==> flow/design.v <==
module alu_shift_p #(
    parameter int WIDTH = 16,
    parameter int LG = $clog2(WIDTH)
) (
    input  logic clk_i,
    input  logic [WIDTH-1:0] val,
    input  logic [LG-1:0] amt,
    input  logic [1:0] mode,
    output logic [WIDTH-1:0] o
);
    logic [WIDTH-1:0] tmp;
    always_comb begin
        case (mode)
            2'b00: tmp = val << amt;
            2'b01: tmp = val >> amt;
            2'b10: tmp = $signed(val) >>> amt;
            default: tmp = val;
        endcase
    end
    logic [WIDTH-1:0] o_q;
    always_ff @(posedge clk_i) begin
        o_q <= tmp;
    end
    assign o = o_q;
endmodule
== From RTL to reports: alu_shift_p ==
What the tools print for alu_shift_p, step after step.
Lines are those of the file above, counted from 1.
Operators: Yosys type, input widths -> output width; for muxes data width and select width s.
Cell names lack the library's common part.
A cell with -- has no value.

* Design top: alu_shift_p
* Clock input: clk_i
* Standard-cell library: sky130hd
* Corner: tt_025C_1v80

== Word level ==
Source: Yosys, flattened and elaborated, memories not mapped. Widths are those after wreduce; folded enables and synchronous resets count as part of the registers. Registers that Yosys merges into a memory's read port (data or address) are not register bits. Print and check cells do not count. Equal cells are merged and count once.

* Bits in registers: 16
* Input bits: 23
* Output and inout bits: 16

* Eq/ne operators: 2
* Shift operators: 3
* Multiplexer cells: 1
* Reduce/logical cells: 1

{| class="wikitable"
|+ Operators with widths
! cell !! number
|-
| $pmux 16 s3 || 1
|-
| $shl 16x4->16 || 1
|-
| $shr 16x4->16 || 1
|-
| $sshr 16x4->16 || 1
|-
| $eq 2x1->1 const B || 1
|-
| $eq 2x2->1 const B || 1
|-
| $logic_not 2->1 || 1
|}

== Depth ==
Longest topological path by Yosys (ltp), each cell counted once; first at word level (registers and memories cut), then after technology mapping (sequential cells cut; the memories' decode and read muxes count).

* Depth after elaboration: 2
* ABC_AREA: 0
* Mapped depth: 8
* Depth with buffers taken out: 5

== After synthesis ==
The flow's flattened synthesis, as Yosys stat reports it; memories are mapped. The netlist is that of the ABC_AREA named above (0 if unset); the other value can give another one.

* Standard cells after synthesis: 243
* Cell area after synthesis: 0.0021408 mm^2
* Mapped flip-flops: 16
* Buffers: 25

{| class="wikitable"
|+ Cells by type
! cell type !! number !! total area (um^2)
|-
| dfxtp_1 || 16 || 320.307
|-
| mux2i_1 || 24 || 240.23
|-
| mux4_1 || 8 || 210.202
|-
| mux4_2 || 8 || 180.173
|-
| nor2_1 || 30 || 112.608
|-
| mux2_2 || 7 || 78.826
|-
| a211oi_1 || 9 || 67.565
|-
| o21ai_0 || 13 || 65.062
|-
| nand2_1 || 14 || 52.55
|-
| o221ai_1 || 5 || 43.792
|-
| a21oi_1 || 8 || 40.038
|-
| o211ai_1 || 5 || 37.536
|-
| buf_6 || 3 || 33.782
|-
| a31oi_1 || 5 || 31.28
|-
| buf_2 || 6 || 30.029
|-
| clkbuf_1 || 8 || 30.029
|-
| nor3_1 || 6 || 30.029
|-
| nand2b_4 || 2 || 27.526
|}

Other cell types: 41; their cells: 66.

== Worst setup path after synthesis ==
Source: OpenSTA report_checks on the synthesized netlist (no wires, ideal clock, input and output delay 20% of the period each), path of least setup slack; recovery checks are left aside. Register names are those of the netlist, which keeps one name where synthesis merged equal registers.

* Kind: input-to-reg
* Start point: in amt[0]
* End point: reg o_q[15]
* Period: 2.1 ns
* Input delay: 0.420 ns
* Data arrival time: 1.624 ns
* Data required time: 1.963 ns
* Slack: 0.339 ns
* Delay of the path: 1.341 ns
* Driving pins on the path: 6
* Path buffers: 2
* Period reached after synthesis: 1.761 ns

"delay of the path" is the arrival time less input delay plus setup time.
"driving pins on the path" counts driving pins, that of a launching flip-flop among them; a cell with two outputs on the path counts twice.
"period reached after synthesis" is the clock period less the worst setup slack; recovery checks do not enter. This is arithmetic on one report: input and output delays are still those of the set period (20% each).

* Path through: buf_6 -> buf_8 -> mux4_1 -> mux2_2 -> nand2_1 -> o221ai_1

{| class="wikitable"
|+ RTL lines, path post-synthesis
! item !! RTL line !! RTL
|-
| start, declared || 7 || <nowiki>input  logic [LG-1:0] amt,</nowiki>
|-
| end, assigned || 22 || <nowiki>o_q <= tmp;</nowiki>
|-
| end, declared || 20 || <nowiki>logic [WIDTH-1:0] o_q;</nowiki>
|}

No chain of elaborated cells between the ends is given.

== Timing after layout ==
Path of least setup slack in the final report of job 1 (OpenROAD, finished layout, wires in). Where an end is a register, its clock arrival counts in the times.

* Kind: input-to-reg
* Start point: in mode[0]
* End point: reg o_q[2]
* Period: 2.66 ns
* Input delay: 0.53 ns
* Data arrival time: 2.52 ns
* Data required time: 2.76 ns
* Slack: 0.24 ns
* Driving pins on the path: 7
* Path buffers: 2

Between the ends stands the longest chain of elaborated cells between them, by number of cells; it is not shown to be the way that was timed. Of several equally long chains one is given.
A line is the first line of the expression or statement that the cell stems from. Yosys adds cells for indexed reads and writes and turns some case tables into memories.

* Path through: clkdlybuf4s50_1 -> buf_4 -> or2_2 -> nand3_1 -> nor2_1 -> a221oi_1 -> o21ai_0
* Length of the longest elaborated chain: 2

{| class="wikitable"
|+ RTL lines, path post-layout
! item !! RTL line !! RTL
|-
| start, declared || 8 || <nowiki>input  logic [1:0] mode,</nowiki>
|-
| $eq 2x2->1 || 13 || <nowiki>case (mode)</nowiki>
|-
| $pmux 16 s3 || 13 ||
|-
| end, assigned || 22 || <nowiki>o_q <= tmp;</nowiki>
|-
| end, declared || 20 || <nowiki>logic [WIDTH-1:0] o_q;</nowiki>
|}

Measured results for alu_shift_p: 3 stored runs of the Yosys and OpenROAD flow on sky130hd. The settings differ; the order carries no meaning. The constraints put input and output delay at 20% of the set period each and load the outputs with 0.01 pF.
"period reached": clock period set for the run, less the worst setup slack. It is reckoned from that one timing run; input and output delays stay at 20% of the period that was set.
"allowed time less slack (worst setup path)": the worst setup path's part of the clock period (all of it between registers, 20% less for each end at a port) less its slack. A launch clock that arrives late makes it longer, a capture clock that arrives late makes it shorter.
"total design power" is the tool's figure for a default switching activity; nothing was simulated.

=== Job 1 ===
{| class="wikitable"
! Setting !! Value
|-
| period_ns || 2.66
|-
| CORE_UTILIZATION || 40
|-
| PLACE_DENSITY_LB_ADDON || 0.09
|-
| HOLD_SLACK_MARGIN || 0.02
|-
| GPL_TIMING_DRIVEN || 1
|-
| CTS_CLUSTER_DIAMETER || 266
|-
| MIN_ROUTING_LAYER || met2
|-
| MAX_ROUTING_LAYER || met4
|-
| CAP_MARGIN || 20
|-
| CORE_MARGIN || 2
|-
| SLEW_MARGIN || 20
|-
! Result !! Value
|-
| Chip area in the Yosys report || 0.0021408 mm^2
|-
| Total die area || 0.0059529 mm^2
|-
| Std-cell area (final layout) || 0.0027602 mm^2
|-
| Utilization of the finished layout || 53.7%
|-
| Worst setup slack after layout || 0.242 ns
|-
| Post-route setup TNS || 0.000 ns
|-
| Final worst hold slack || 1.038 ns
|-
| Total design power || 1005 uW
|-
| Period reached || 2.418 ns
|-
| Allowed time less slack (worst setup path) || 1.89 ns
|-
| Class of the worst setup path || input-to-reg
|}

=== Job 2 ===
{| class="wikitable"
! Setting !! Value
|-
| period_ns || 3.14
|-
| CORE_UTILIZATION || 23
|-
| SETUP_SLACK_MARGIN || 0.74
|-
| PLACE_DENSITY_LB_ADDON || 0.01
|-
| CORE_ASPECT_RATIO || 1.07
|-
| TNS_END_PERCENT || 55
|-
| GPL_TIMING_DRIVEN || 1
|-
| CTS_CLUSTER_DIAMETER || 33
|-
| SLEW_MARGIN || 20
|-
| MIN_ROUTING_LAYER || met2
|-
| CAP_MARGIN || 20
|-
| CORE_MARGIN || 2
|-
! Result !! Value
|-
| Chip area in the Yosys report || 0.0021408 mm^2
|-
| Total die area || 0.0100956 mm^2
|-
| Std-cell area (final layout) || 0.0027939 mm^2
|-
| Utilization of the finished layout || 30.7%
|-
| Worst setup slack after layout || 0.766 ns
|-
| Post-route setup TNS || 0.000 ns
|-
| Final worst hold slack || 0.946 ns
|-
| Total design power || 825.9 uW
|-
| Period reached || 2.374 ns
|-
| Allowed time less slack (worst setup path) || 1.75 ns
|-
| Class of the worst setup path || input-to-reg
|}

=== Job 3 ===
{| class="wikitable"
! Setting !! Value
|-
| period_ns || 2.1
|-
| CAP_MARGIN || 20
|-
| CORE_MARGIN || 2
|-
| CORE_UTILIZATION || 40
|-
| SLEW_MARGIN || 20
|-
! Result !! Value
|-
| Chip area in the Yosys report || 0.0021408 mm^2
|-
| Total die area || 0.0059529 mm^2
|-
| Std-cell area (final layout) || 0.0032343 mm^2
|-
| Utilization of the finished layout || 62.9%
|-
| Worst setup slack after layout || 0.026 ns
|-
| Post-route setup TNS || 0.000 ns
|-
| Final worst hold slack || 0.799 ns
|-
| Total design power || 1302 uW
|-
| Period reached || 2.074 ns
|-
| Allowed time less slack (worst setup path) || 1.65 ns
|-
| Class of the worst setup path || input-to-reg
|}
